==> flow/design.v <==
module u_registers_top #(
    parameter DEPTH = 10,
    parameter DW = 40,
    parameter AW = $clog2(DEPTH),
    parameter SLICES = DW / 8
) (
    input wire clk,
    input wire clk_en,
    input wire [SLICES-1:0] in_mask,
    input wire [AW-1:0] in_wr_addr,
    input wire [DW-1:0] in_d,
    input wire [AW-1:0] in_raddr,
    output reg [DW-1:0] out_rdata
);
    reg [SLICES-1:0] mask_s;
    reg [AW-1:0] wr_addr_s;
    reg [DW-1:0] d_s;
    reg [DW-1:0] gpr [0:DEPTH-1];
    integer n;
    always @(posedge clk) begin
        for (n = 0; n < SLICES; n = n + 1)
            if (clk_en && mask_s[n]) gpr[wr_addr_s][8*n +: 8] <= d_s[8*n +: 8];
    end
    reg [AW-1:0] raddr_s;
    always @(posedge clk) begin
        if (clk_en) begin
            mask_s <= in_mask;
            wr_addr_s <= in_wr_addr;
            d_s <= in_d;
            raddr_s <= in_raddr;
            out_rdata <= gpr[raddr_s];
        end
    end
endmodule
Tool chain data of u_registers_top

What the tools print for u_registers_top, step after step.
Line numbers count from 1 in the design file above.
Operators: Yosys type, input widths -> output width; for muxes data width and select width s.
Cell names lack the library's common part.
The mark -- stands for no value.

Top: u_registers_top
Clock: clk
Standard-cell library: sky130hd
Timing corner: tt_025C_1v80

Elaborated design

Source: Yosys, flattened and elaborated, memories not mapped. Widths are those after wreduce. Registers that Yosys merges into a memory's read port (data or address) are not register bits. Print and check cells do not count. Equal cells are merged and count once.
Yosys's memory passes give these memory sizes; they may raise the number of words (mostly to a power of two), join words into wider ones and drop unused or constant bits.

Output and inout port bits: 40
Memories: 1
Memory bits (writable): 400
Bits in registers: 53
Cells after elaboration: 20
Clocked read ports x word width: 40

Muxes and demuxes: 10
Reduce/logical cells: 5

Memories:

| memory | depth | bits a word | read ports | wr ports | line | source |
| gpr    | 10    | 40          | 1          | 1        | 18   | `reg [DW-1:0] gpr [0:DEPTH-1];` |

Operators with widths:

| operator          | count |
| $mux 40           | 5 |
| $logic_and 1x1->1 | 5 |
| $mux 1            | 5 |

Logic depth

Yosys ltp: most cells in a row. Word level: on the elaborated netlist, between registers, memories and ports. Mapped: between sequential cells and ports; inverters and the memories' decode and read muxes count.

Depth after elaboration: 2
ABC_AREA: 0
Gate-level depth with buffers: 5
Depth with buffers taken out: 3

Synthesis result

The flow's flattened synthesis, as Yosys stat reports it; memories are mapped. The netlist is that of the ABC_AREA named above (0 if unset); the other value can give another one.

Buffers: 48
Mapped cells: 976
Cell area after synthesis: 18788.0 um2
Sequential area: 14804.2 um2
Flip-flop cells: 493

Cells by type:

| cell     | count |
| edfxtp_1 | 493 |
| mux2_2   | 120 |
| mux2i_1  | 80 |
| o31ai_2  | 33 |
| a22o_1   | 40 |
| o22ai_1  | 40 |
| nand2_1  | 54 |
| nor2_1   | 53 |
| buf_6    | 9 |
| clkbuf_1 | 25 |
| buf_8    | 4 |
| o31ai_1  | 7 |
| buf_4    | 5 |
| nor2b_1  | 5 |
| buf_2    | 4 |
| nand3_1  | 2 |
| nand2b_1 | 1 |
| buf_1    | 1 |

Timing after synthesis

Source: OpenSTA report_checks on the synthesized netlist (no wires, ideal clock, input and output delay 20% of the period each), path of least setup slack; recovery checks are left aside. Register names are those of the netlist, which keeps one name where synthesis merged equal registers.

Path type: reg-to-reg
From: reg wr_addr_s[3]
To: mem gpr[7][0]
Path delay: 1.538 ns
Arrival time: 1.168 ns
Period: 1.92 ns
Slack: 0.382 ns
Buffers on the path: 0
Stages: 4
Required time: 1.550 ns
Setup time: 0.370 ns
Synthesis period reached: 1.538 ns

"path delay" is the arrival time less input delay plus setup time.
"stages" counts driving pins, that of a launching flip-flop among them; a cell with two outputs on the path counts twice.
"synthesis period reached" = period - worst setup slack (recovery checks aside). The figure is calculated, with input and output delays left at 20% of the set period.

Cell sequence: edfxtp_1 -> nor2b_1 -> nand3_1 -> nor2_1

RTL lines, path after synthesis:

| item            | line | source |
| start, declared | 16   | `reg [AW-1:0] wr_addr_s;` |
| start, assigned | 28   | `wr_addr_s <= in_wr_addr;` |
| end, declared   | 18   | `reg [DW-1:0] gpr [0:DEPTH-1];` |

No chain of elaborated cells between the ends is given.

Worst path after layout

From the final timing report of run 1: the path of least setup slack in the routed layout; clock arrival at registers is part of the times.

Path type: reg-to-output
From: reg out_rdata[8]
To: out out_rdata[8]
Slack: 0.19 ns
Arrival time: 1.66 ns
Period: 2.31 ns
Output delay: 0.46 ns
Buffers on the path: 1
Stages: 2
Required time: 1.85 ns

Cell sequence: edfxtp_1 -> clkdlybuf4s50_1
Cells in the longest elaborated chain: 0
Elaborated cells on any way between the ends: 0

RTL lines, path post-layout:

| item            | line | source |
| start, declared | 13   | `output reg [DW-1:0] out_rdata` |
| end, declared   | 13   |  |

Memo
Re: implementation data of u_registers_top

Below are 3 stored runs of the flow (Yosys, OpenROAD; platform sky130hd) on u_registers_top, each with its settings and what was measured, unordered. Constraints: input delay and output delay 20% of the set period each, output load 0.01 pF.
"period achieved" means the clock period less the worst setup slack. The figure is calculated, with input and output delays left at 20% of the set period.
"time used up by the worst setup path" means the part of the period allowed to the worst setup path (the constraints hold back 20% at inputs and 20% at outputs) less its slack; where the path has registers, the arrival times of their clocks count too.

## Run 1

==> flow/run.sh <==
#!/bin/bash
# the make line also repeats the synthesis and layout settings of config.mk as NAME=value (left out here)
make -C /OpenROAD-flow-scripts/flow DESIGN_CONFIG=/design/flow/config.mk WORK_HOME=/design/flow/orfs CLKGATE_MAP_FILE= finish
==> flow/config.mk <==
export PLATFORM = sky130hd
export DESIGN_NAME = u_registers_top
export DESIGN_NICKNAME = u_registers_top
export VERILOG_FILES = /design/flow/design.v
export SDC_FILE = /design/flow/constraint.sdc
export NUM_CORES = 4
export LEC_CHECK = 0
export CAP_MARGIN = 20
export CELL_PAD_IN_SITES_DETAIL_PLACEMENT = 2
export CELL_PAD_IN_SITES_GLOBAL_PLACEMENT = 0
export CORE_MARGIN = 2
export CORE_UTILIZATION = 31
export CTS_CLUSTER_DIAMETER = 135
export CTS_CLUSTER_SIZE = 47
export PLACE_DENSITY_LB_ADDON = 0.01
export SLEW_MARGIN = 20
export TNS_END_PERCENT = 35
==> flow/constraint.sdc <==
create_clock -name core_clock -period 2.31 [get_ports {clk}]
set_input_delay 0.4620 -clock core_clock [delete_from_list [all_inputs] [get_ports {clk}]]
set_output_delay 0.4620 -clock core_clock [all_outputs]
set_load 0.01 [all_outputs]

| result of run 1 | value |
|---|---|
| overall die area | 62592.5 um2 |
| utilization in the final report | 0.359 |
| synthesis area | 18788.0 um2 |
| period achieved | 2.118 ns |
| smallest setup slack | 0.192 ns |
| time used up by the worst setup path | 1.66 ns |
| kind of the worst setup path | reg-to-output |
| setup total negative slack | 0.000 ns |

## Run 2

==> flow/run.sh <==
#!/bin/bash
# the make line also repeats the synthesis and layout settings of config.mk as NAME=value (left out here)
make -C /OpenROAD-flow-scripts/flow DESIGN_CONFIG=/design/flow/config.mk WORK_HOME=/design/flow/orfs CLKGATE_MAP_FILE= finish
==> flow/config.mk <==
export PLATFORM = sky130hd
export DESIGN_NAME = u_registers_top
export DESIGN_NICKNAME = u_registers_top
export VERILOG_FILES = /design/flow/design.v
export SDC_FILE = /design/flow/constraint.sdc
export NUM_CORES = 4
export LEC_CHECK = 0
export ABC_AREA = 1
export CAP_MARGIN = 35
export CELL_PAD_IN_SITES_DETAIL_PLACEMENT = 1
export CELL_PAD_IN_SITES_GLOBAL_PLACEMENT = 3
export CORE_MARGIN = 2
export CORE_UTILIZATION = 44
export CTS_CLUSTER_DIAMETER = 26
export CTS_CLUSTER_SIZE = 59
export SETUP_SLACK_MARGIN = 0.07
export SLEW_MARGIN = 20
export TNS_END_PERCENT = 50
==> flow/constraint.sdc <==
create_clock -name core_clock -period 1.2 [get_ports {clk}]
set_input_delay 0.2400 -clock core_clock [delete_from_list [all_inputs] [get_ports {clk}]]
set_output_delay 0.2400 -clock core_clock [all_outputs]
set_load 0.01 [all_outputs]

| result of run 2 | value |
|---|---|
| overall die area | 46558.9 um2 |
| utilization in the final report | 0.636 |
| synthesis area | 19733.9 um2 |
| period achieved | 1.618 ns |
| smallest setup slack | -0.418 ns |
| time used up by the worst setup path | 1.62 ns |
| kind of the worst setup path | reg-to-reg |
| setup total negative slack | -162.330 ns |

## Run 3

==> flow/run.sh <==
#!/bin/bash
# the make line also repeats the synthesis and layout settings of config.mk as NAME=value (left out here)
make -C /OpenROAD-flow-scripts/flow DESIGN_CONFIG=/design/flow/config.mk WORK_HOME=/design/flow/orfs CLKGATE_MAP_FILE= finish
==> flow/config.mk <==
export PLATFORM = sky130hd
export DESIGN_NAME = u_registers_top
export DESIGN_NICKNAME = u_registers_top
export VERILOG_FILES = /design/flow/design.v
export SDC_FILE = /design/flow/constraint.sdc
export NUM_CORES = 4
export LEC_CHECK = 0
export CAP_MARGIN = 20
export CORE_MARGIN = 2
export CORE_UTILIZATION = 40
export SLEW_MARGIN = 20
==> flow/constraint.sdc <==
create_clock -name core_clock -period 1.92 [get_ports {clk}]
set_input_delay 0.3840 -clock core_clock [delete_from_list [all_inputs] [get_ports {clk}]]
set_output_delay 0.3840 -clock core_clock [all_outputs]
set_load 0.01 [all_outputs]

| result of run 3 | value |
|---|---|
| overall die area | 48719.5 um2 |
| utilization in the final report | 0.484 |
| synthesis area | 18788.0 um2 |
| period achieved | 1.872 ns |
| smallest setup slack | 0.048 ns |
| time used up by the worst setup path | 1.49 ns |
| kind of the worst setup path | reg-to-output |
| setup total negative slack | 0.000 ns |
